==> flow/design.v <==
module sync_addsub_n #(
  parameter integer DATA_W = 112
) (
  input  wire clock,
  input  wire nrst,
  input  wire clk_en,
  input  wire [DATA_W-1:0] src1,
  input  wire mode,
  input  wire clear,
  output wire [DATA_W-1:0] q
);
  reg [DATA_W-1:0] src1_q;
  reg mode_q;
  reg clear_q;
  reg [DATA_W-1:0] run_sum;
  always @(posedge clock or negedge nrst) begin
    if (!nrst) begin
      src1_q <= 0;
      mode_q <= 1'b0;
      clear_q <= 1'b0;
      run_sum <= 0;
    end else if (clk_en) begin
      src1_q <= src1;
      mode_q <= mode;
      clear_q <= clear;
      run_sum <= clear_q ? src1_q : mode_q ? run_sum - src1_q : run_sum + src1_q;
    end
  end
  assign q = run_sum;
endmodule
# From RTL to reports: sync_addsub_n
# Tool output for the design above, in the order of the flow.
# Line numbers count from 1 in the design file above.
# Operators: Yosys type, input widths -> output width; for muxes data width and select width s.
# Library cell names are shortened.
# The mark n/a stands for no value.
# setup
design	sync_addsub_n
clock_port	clock
cell_library	sky130hd
pvt_corner	tt_025C_1v80

# Word level
# Counts by Yosys on the flattened word-level netlist (proc, flatten, opt, wreduce; memories kept). Register bits leave out memories and registers merged into their read ports (data or address); mux counts leave out enables and synchronous resets folded into registers. Print and check cells are left out. Cells with the same type and inputs are merged into one.
# bits
ff_bits	226
latch_bits	0
ram_bits	0
romBits	0
clocked_rd_ports_x_width	0
n_memories	0
out_inout_bits	112
# classes
n_addsub	2
n_mul	0
n_div	0
cmp	0
n_eq	0
shifts	0
n_mux	2
n_logic	0
reduce_and_logical	0
# ops
operator	n
$mux 112	2
$add 112x112->112	1
$sub 112x112->112	1

# Depth
# Longest topological path by Yosys (ltp), each cell counted once; first at word level (registers and memories cut), then after technology mapping (sequential cells cut; the memories' decode and read muxes count).
# logic_depth
depth_word	3
ABC_AREA	0
ltp_mapped	26
ltp_nobuf	25

# Mapped cells and area
# Source: synth_stat.txt of the flow (Yosys; design flattened, memories mapped). It holds for the ABC_AREA given above (unset counts as 0); a run with the other value may have another netlist.
# The area totals of this step are shown rounded.
# mapped
mapped_cells	2386
mapped_area_um2	19000
seqArea_um2	5700
ffs	226
buffers	144
# by_type
cell_type	n	area_total_um2
dfrtp_1	226	5.66E+03
a21oi_1	329	1.65E+03
ha_1	112	1.4E+03
xnor2_1	159	1.39E+03
mux2_2	105	1.18E+03
nor2_1	311	1167.37
nand2_1	193	724.445
o21ai_0	138	690.662
a21o_1	69	517.997
xor2_1	55	481.712
clkbuf_1	100	375.36
nand4_1	57	356.592
nor3_1	52	260.25
a31oi_1	41	256.496
o21bai_1	32	240.23
nor4_1	27	168.912
inv_1	43	161.405
nand3_1	32	160.154
# Other cell types: 69; their cells: 305.

# Worst setup path after synthesis
# Source: OpenSTA report_checks on the synthesized netlist (no wires, ideal clock, input and output delay 20% of the period each), path of least setup slack; recovery checks are left aside. Register names are those of the netlist, which keeps one name where synthesis merged equal registers.
# synth_timing
path_kind	register -> register
start	register src1_q[8]
end	register run_sum[111]
period_ps	6770
setup_ps	132
arrival_ps	5287
t_required_ps	6638
slack_ps	1351
path_delay_ps	5419
stages	25
n_path_buf	1
synth_period_reached_ps	5419
# "path_delay_ps" = arrival - input delay + setup time.
# "stages" counts driving pins, that of a launching flip-flop among them; a cell with two outputs on the path counts twice.
# "synth_period_reached_ps" = period - worst setup slack (recovery checks aside). The figure is calculated, with input and output delays left at 20% of the set period.
# The rows between start and end are the longest chain of elaborated cells between them; the timing report does not say that the signal goes this way. Where chains are equally long, one stands for them.
# Each line given opens the expression or statement behind the cell; cells for indexed reads and writes are added by Yosys, which also makes memories of some case tables.
# synth_via
cell_sequence	dfrtp_1 or4_4 nor3_2 nand2_1 or4_1 nor3_1 nor3b_2 a31oi_1 o21bai_4 nor2_1 xor2_1 ha_1 clkbuf_1 a21oi_1 o21ai_0 a311oi_1 a221oi_1 nor2_1 o21bai_1 a221oi_2 o2bb2ai_2 o41a_2 and3_1 a31oi_1 a32oi_1
elab_chain_len	3
cone_cells	4
cone_lines	1
cone_classes	2 x add/sub; 2 x mux
# synth_lines
item	line_no	source
start: declaration	12	reg [DATA_W-1:0] src1_q;
start: assignment	18	src1_q <= 0;
start: assignment	23	src1_q <= src1;
$add 112x112->112	26	run_sum <= clear_q ? src1_q : mode_q ? run_sum - src1_q : run_sum + src1_q;
$mux 112 (2 in a row)	26
end: assignment	21	run_sum <= 0;
end: assignment	26
end: declaration	15	reg [DATA_W-1:0] run_sum;

# Path in the finished layout
# Path of least setup slack in the final report of flow run 2 (OpenROAD, finished layout, wires in). Where an end is a register, its clock arrival counts in the times.
# The report prints the path's times to 10 ps; the period is as set.
# layout_timing
path_kind	register -> register
start	register src1_q[62]
end	register run_sum[110]
period_ps	5790
setup_ps	70
arrival_ps	6310
t_required_ps	6330
slack_ps	20
stages	24
n_path_buf	4
# The rows between start and end are the longest chain of elaborated cells between them; the timing report does not say that the signal goes this way. Where chains are equally long, one stands for them.
# layout_via
cell_sequence	dfrtp_1 nor3_1 nand2b_1 or3_1 nor2b_1 nor2b_1 o21bai_4 nor2_1 buf_4 xor2_1 ha_1 nand2_1 o21ai_1 a221oi_4 buf_4 buf_4 a32oi_2 a41oi_2 buf_6 o41ai_4 a31oi_1 xnor2_1 nand2_1 a31oi_1
elab_chain_len	3
cone_cells	4
cone_lines	1
cone_classes	2 x add/sub; 2 x mux
# layout_lines
item	line_no	source
start: declaration	12	reg [DATA_W-1:0] src1_q;
start: assignment	18	src1_q <= 0;
start: assignment	23	src1_q <= src1;
$add 112x112->112	26	run_sum <= clear_q ? src1_q : mode_q ? run_sum - src1_q : run_sum + src1_q;
$mux 112 (2 in a row)	26
end: assignment	21	run_sum <= 0;
end: assignment	26
end: declaration	15	reg [DATA_W-1:0] run_sum;

# Top module sync_addsub_n; platform sky130hd; tools Yosys and OpenROAD; 3 stored runs in no particular order. Input and output delays are each 20% of the period that was set; the output load is 0.01 pF.
# "achieved_period_ps" = clock period - worst setup slack. The figure is calculated, with input and output delays left at 20% of the set period.
# "worst_path_allowed_less_slack_ps" = time allowed to the worst setup path (clock period - input delay - output delay, where it has them) - its slack; a late launch clock adds to it, a late capture clock takes from it.
# "power_mw": no workload was simulated; the value follows from the tool's default switching activity.
# "worst_path_allowed_less_slack_ps" is known to 10 ps.
# Values from the reports are rounded here.
# Among the settings, -- means not set for that run.
# Among the results, -- means that no value is shown for the run.
stored run	period_ns	CORE_UTILIZATION	SETUP_SLACK_MARGIN	PLACE_DENSITY_LB_ADDON	CORE_MARGIN	CELL_PAD_IN_SITES_GLOBAL_PLACEMENT	CELL_PAD_IN_SITES_DETAIL_PLACEMENT	GPL_TIMING_DRIVEN	GPL_ROUTABILITY_DRIVEN	CTS_CLUSTER_DIAMETER	CAP_MARGIN	SLEW_MARGIN	CORE_ASPECT_RATIO	TNS_END_PERCENT	ABC_AREA	util_pct	worst_path_allowed_less_slack_ps	path_kind	die_footprint_um2	setupTns_ps	achieved_period_ps	power_mw	stdcell_area_um2	worst_setup_slack_ps	synthesis_area_um2
flow run 1	9.92	71	2.71	0.29	7	1	1	1	0	113	20	35	--	--	--	--	--	--	--	--	--	--	--	--	--
flow run 2	5.79	32	0.37	0.02	2	--	--	1	--	--	20	20	1.89	20	0	46	5770	register -> register	62000	0	5773	16	27000	17	19000
flow run 3	6.77	40	--	--	2	--	--	--	--	--	20	20	--	--	--	48	6450	register -> register	50000	0	6452	11	23000	320	19000
# Flow run 1: unfinished; error FLW-0024 in placement
